==> flow/design.v <==
module core_mpy_rtl (aclk, reset, adv, i_arg0, i_arg1, i_start, o_prod);
    parameter DATA_WIDTH = 6;
    parameter GB = 2;
    input aclk;
    input reset;
    input adv;
    input [DATA_WIDTH-1:0] i_arg0;
    input [DATA_WIDTH-1:0] i_arg1;
    input i_start;
    output [2*DATA_WIDTH+GB-1:0] o_prod;
    reg [DATA_WIDTH-1:0] arg0_r;
    reg [DATA_WIDTH-1:0] arg1_r;
    reg start_r;
    wire [2*DATA_WIDTH-1:0] t;
    assign t = arg0_r * arg1_r;
    reg [2*DATA_WIDTH+GB-1:0] cnt;
    assign o_prod = cnt;
    always @(posedge aclk) begin
        if (reset) begin
            arg0_r <= 0;
            arg1_r <= 0;
            start_r <= 1'b0;
            cnt <= 0;
        end else if (adv) begin
            arg0_r <= i_arg0;
            arg1_r <= i_arg1;
            start_r <= i_start;
            cnt <= start_r ? t : cnt + t;
        end
    end
endmodule
Appendix: tool output

---- Reports on core_mpy_rtl ----
Module core_mpy_rtl in several versions that differ in "DATA_WIDTH"; each step lists the members.
The file above is the member DATA_WIDTH 6. Line numbers count from 1 in each member's own file.
The mark n/a stands for no value.
set-up
  top module .............................. core_mpy_rtl
  clock ................................... aclk
  cell library ............................ sky130hd
  corner .................................. tt_025C_1v80

---- Source of the members ----
New or changed lines of each further member against the RTL above, in its own file; lines it lacks are not shown.
new or changed lines
  DATA_WIDTH  RTL line  RTL
  10          2         parameter DATA_WIDTH = 10;
  22          2         parameter DATA_WIDTH = 22;
  24          2         parameter DATA_WIDTH = 24;

---- After elaboration ----
Source: Yosys, flattened and elaborated, memories not mapped. Widths are those after wreduce; folded enables and synchronous resets count as part of the registers. Registers that Yosys merges into a memory's read port (data or address) are not register bits. Print and check cells do not count. Equal cells are merged and count once.
operators by class
  DATA_WIDTH  $add $sub $neg  muxes and demuxes  multipliers
  6           1               1                  1
  10          1               1                  1
  22          1               1                  1
  24          1               1                  1
operators by type and width
  DATA_WIDTH  kinds with counts
  6           6-bit by 6-bit multiplier with 12-bit output: 1; 14-bit by 12-bit adder with 14-bit output: 1; 14-bit two-way mux: 1
  10          10-bit by 10-bit multiplier with 20-bit output: 1; 22-bit by 20-bit adder with 22-bit output: 1; 22-bit two-way mux: 1
  22          22-bit by 22-bit multiplier with 44-bit output: 1; 46-bit by 44-bit adder with 46-bit output: 1; 46-bit two-way mux: 1
  24          24-bit by 24-bit multiplier with 48-bit output: 1; 50-bit by 48-bit adder with 50-bit output: 1; 50-bit two-way mux: 1
storage and ports
  DATA_WIDTH  output and inout bits  bits of input ports  register bits after elaboration  word-level cells
  6           14                     16                   27                               7
  10          22                     24                   43                               7
  22          46                     48                   91                               7
  24          50                     52                   99                               7

---- Depth ----
Yosys ltp: most cells in a row. Word level: on the elaborated netlist, between registers, memories and ports. Mapped: between sequential cells and ports; inverters and the memories' decode and read muxes count.
depth
  DATA_WIDTH  depth after elaboration  ABC_AREA  mapped depth
  6           3                        0         18
  10          3                        0         27
  22          3                        0         37
  24          3                        0         37

---- Mapped cells and area ----
Source: synth_stat.txt of the flow (Yosys; design flattened, memories mapped). It holds for the ABC_AREA given above (unset counts as 0); a run with the other value may have another netlist.
cells by type
  DATA_WIDTH  type and count
  6           sky130_fd_sc_hd__dfxtp_1: 27; sky130_fd_sc_hd__ha_1: 34; sky130_fd_sc_hd__fa_1: 18; sky130_fd_sc_hd__mux2i_1: 20; sky130_fd_sc_hd__and2_1: 27; sky130_fd_sc_hd__nor2_1: 34; sky130_fd_sc_hd__inv_1: 26; sky130_fd_sc_hd__a211oi_1: 11; sky130_fd_sc_hd__nand2_1: 19; sky130_fd_sc_hd__xnor2_1: 8; sky130_fd_sc_hd__a21oi_1: 13; sky130_fd_sc_hd__xor2_1: 6; sky130_fd_sc_hd__o21ai_0: 8; sky130_fd_sc_hd__o21a_1: 5; sky130_fd_sc_hd__a2111oi_4: 1; sky130_fd_sc_hd__nand2b_1: 4; sky130_fd_sc_hd__a21o_1: 3; sky130_fd_sc_hd__o21bai_1: 3; [+40]
  10          sky130_fd_sc_hd__fa_1: 63; sky130_fd_sc_hd__ha_1: 79; sky130_fd_sc_hd__dfxtp_1: 43; sky130_fd_sc_hd__and2_1: 69; sky130_fd_sc_hd__mux2i_1: 28; sky130_fd_sc_hd__inv_1: 70; sky130_fd_sc_hd__nand2_1: 67; sky130_fd_sc_hd__nor2_1: 65; sky130_fd_sc_hd__xnor2_1: 17; sky130_fd_sc_hd__a21oi_1: 29; sky130_fd_sc_hd__clkbuf_1: 36; sky130_fd_sc_hd__xor2_1: 10; sky130_fd_sc_hd__a211oi_1: 11; sky130_fd_sc_hd__a21o_1: 10; sky130_fd_sc_hd__o21ai_0: 12; sky130_fd_sc_hd__o211ai_1: 7; sky130_fd_sc_hd__o21ai_1: 10; sky130_fd_sc_hd__o221a_1: 4; [+92]
  22          sky130_fd_sc_hd__fa_1: 398; sky130_fd_sc_hd__ha_1: 208; sky130_fd_sc_hd__dfxtp_1: 91; sky130_fd_sc_hd__and2_1: 245; sky130_fd_sc_hd__inv_1: 393; sky130_fd_sc_hd__nand2_1: 311; sky130_fd_sc_hd__nor2_1: 149; sky130_fd_sc_hd__mux2i_1: 50; sky130_fd_sc_hd__clkbuf_1: 131; sky130_fd_sc_hd__a21oi_1: 86; sky130_fd_sc_hd__xnor2_1: 45; sky130_fd_sc_hd__a21o_1: 44; sky130_fd_sc_hd__xor2_1: 35; sky130_fd_sc_hd__o21ai_0: 55; sky130_fd_sc_hd__a211oi_1: 27; sky130_fd_sc_hd__o211ai_1: 15; sky130_fd_sc_hd__o21a_1: 12; sky130_fd_sc_hd__o21bai_1: 12; [+188]
  24          sky130_fd_sc_hd__fa_1: 483; sky130_fd_sc_hd__ha_1: 228; sky130_fd_sc_hd__inv_1: 554; sky130_fd_sc_hd__dfxtp_1: 99; sky130_fd_sc_hd__and2_1: 284; sky130_fd_sc_hd__nand2_1: 383; sky130_fd_sc_hd__mux2i_1: 62; sky130_fd_sc_hd__a21oi_1: 115; sky130_fd_sc_hd__clkbuf_1: 152; sky130_fd_sc_hd__nor2_1: 149; sky130_fd_sc_hd__xnor2_1: 44; sky130_fd_sc_hd__xor2_1: 39; sky130_fd_sc_hd__a21o_1: 45; sky130_fd_sc_hd__o21ai_0: 53; sky130_fd_sc_hd__a211oi_1: 31; sky130_fd_sc_hd__nand4_1: 26; sky130_fd_sc_hd__o21bai_1: 19; sky130_fd_sc_hd__nor3_1: 24; [+203]
A list marked [+n] leaves out that many cells.
mapped netlist
  DATA_WIDTH  cell count  mapped flip-flops  cell area after synthesis (µm²)
  6           307         27                 2,701.3
  10          722         43                 6,173.4
  22          2,495       91                 21,765.9
  24          2,993       99                 25,645.8

---- Path before layout ----
Source: OpenSTA report_checks on the synthesized netlist (no wires, ideal clock, input and output delay 20% of the period each), path of least setup slack; recovery checks are left aside. Register names are those of the netlist, which keeps one name where synthesis merged equal registers.
path post-synthesis
  DATA_WIDTH  path type               start           end          path delay (ps)  period (ps)  slack (ps)  stages on the path  synthesis period reached (ps)
  6           flip-flop to flip-flop  reg arg1_r[2]   reg cnt[13]  4,685            5,860        1,175       19                  4,685
  10          flip-flop to flip-flop  reg arg1_r[3]   reg cnt[21]  6,372            7,960        1,588       27                  6,372
  22          flip-flop to flip-flop  reg arg0_r[13]  reg cnt[41]  8,189            10,200       2,011       35                  8,189
  24          flip-flop to flip-flop  reg arg1_r[5]   reg cnt[43]  8,601            10,800       2,199       37                  8,601
"path delay" is the arrival time less input delay plus setup time.
"stages on the path": output pins that drive a net of the path, with the launching flip-flop's if there is one; two outputs of one cell count as two.
"synthesis period reached" = period - worst setup slack (recovery checks aside). The figure is calculated, with input and output delays left at 20% of the set period.
The rows between start and end are the longest chain of elaborated cells between them; the timing report does not say that the signal goes this way. Where chains are equally long, one stands for them.
Each line given opens the expression or statement behind the cell; cells for indexed reads and writes are added by Yosys, which also makes memories of some case tables.
on the way, post-synthesis, DATA_WIDTH 6
  cells in the longest elaborated chain ... 3
RTL lines, path post-synthesis, DATA_WIDTH 6
  what                                          RTL line  RTL
  from (decl)                                   12        reg [DATA_WIDTH-1:0] arg1_r;
  from (assign)                                 21        arg1_r <= 0;
  from (assign)                                 26        arg1_r <= i_arg1;
  6-bit by 6-bit multiplier with 12-bit output  15        assign t = arg0_r * arg1_r;
  14-bit by 12-bit adder with 14-bit output     28        cnt <= start_r ? t : cnt + t;
  14-bit two-way mux                            28
  to (assign)                                   23        cnt <= 0;
  to (assign)                                   28
  to (decl)                                     16        reg [2*DATA_WIDTH+GB-1:0] cnt;
on the way, post-synthesis, DATA_WIDTH 24
  cells in the longest elaborated chain ... 3
RTL lines, path post-synthesis, DATA_WIDTH 24
  what                                            RTL line  RTL
  from (decl)                                     12        reg [DATA_WIDTH-1:0] arg1_r;
  from (assign)                                   21        arg1_r <= 0;
  from (assign)                                   26        arg1_r <= i_arg1;
  24-bit by 24-bit multiplier with 48-bit output  15        assign t = arg0_r * arg1_r;
  50-bit by 48-bit adder with 50-bit output       28        cnt <= start_r ? t : cnt + t;
  50-bit two-way mux                              28
  to (assign)                                     23        cnt <= 0;
  to (assign)                                     28
  to (decl)                                       16        reg [2*DATA_WIDTH+GB-1:0] cnt;

---- Path in the finished layout ----
From the final timing report of each member's run: the path of least setup slack in the routed layout; clock arrival at registers is part of the times.
The report prints the path's times to 10 ps; the period is as set.
path post-layout
  DATA_WIDTH  path type               start          end          period (ps)  slack (ps)  stages on the path  arrival time (ps)
  6           flip-flop to flip-flop  reg arg1_r[2]  reg cnt[13]  5,860        910         19                  5,110
  10          flip-flop to flip-flop  reg arg0_r[5]  reg cnt[21]  7,960        1,110       26                  7,070
  22          flip-flop to flip-flop  reg arg1_r[1]  reg cnt[41]  10,200       800         32                  9,720
  24          flip-flop to flip-flop  reg arg1_r[3]  reg cnt[43]  10,800       900         33                  10,150

---- Measured runs ----
One run of the flow (Yosys, OpenROAD) for each member, with settings and measured results. Input and output delays are each 20% of the period that was set; the output load is 0.01 pF.
flow settings
  CAP_MARGIN .............................. 20
  CORE_MARGIN ............................. 2
  CORE_UTILIZATION ........................ 40
  SLEW_MARGIN ............................. 20
settings that differ
  DATA_WIDTH  period_ns
  6           5.86
  10          7.96
  22          10.2
  24          10.8
final reports
  DATA_WIDTH  standard-cell area after layout (µm²)  chip area after synthesis (Yosys) (µm²)  summed negative setup slack (ps)  total die area (µm²)  lowest setup slack (ps)
  6           3,113.0                                2,701.3                                  0                                 7,427.0               913
  10          6,870.3                                6,173.4                                  0                                 16,442.9              1,110
  22          23,580.1                               21,765.9                                 0                                 56,297.1              802
  24          27,609.0                               25,645.8                                 0                                 66,157.0              905
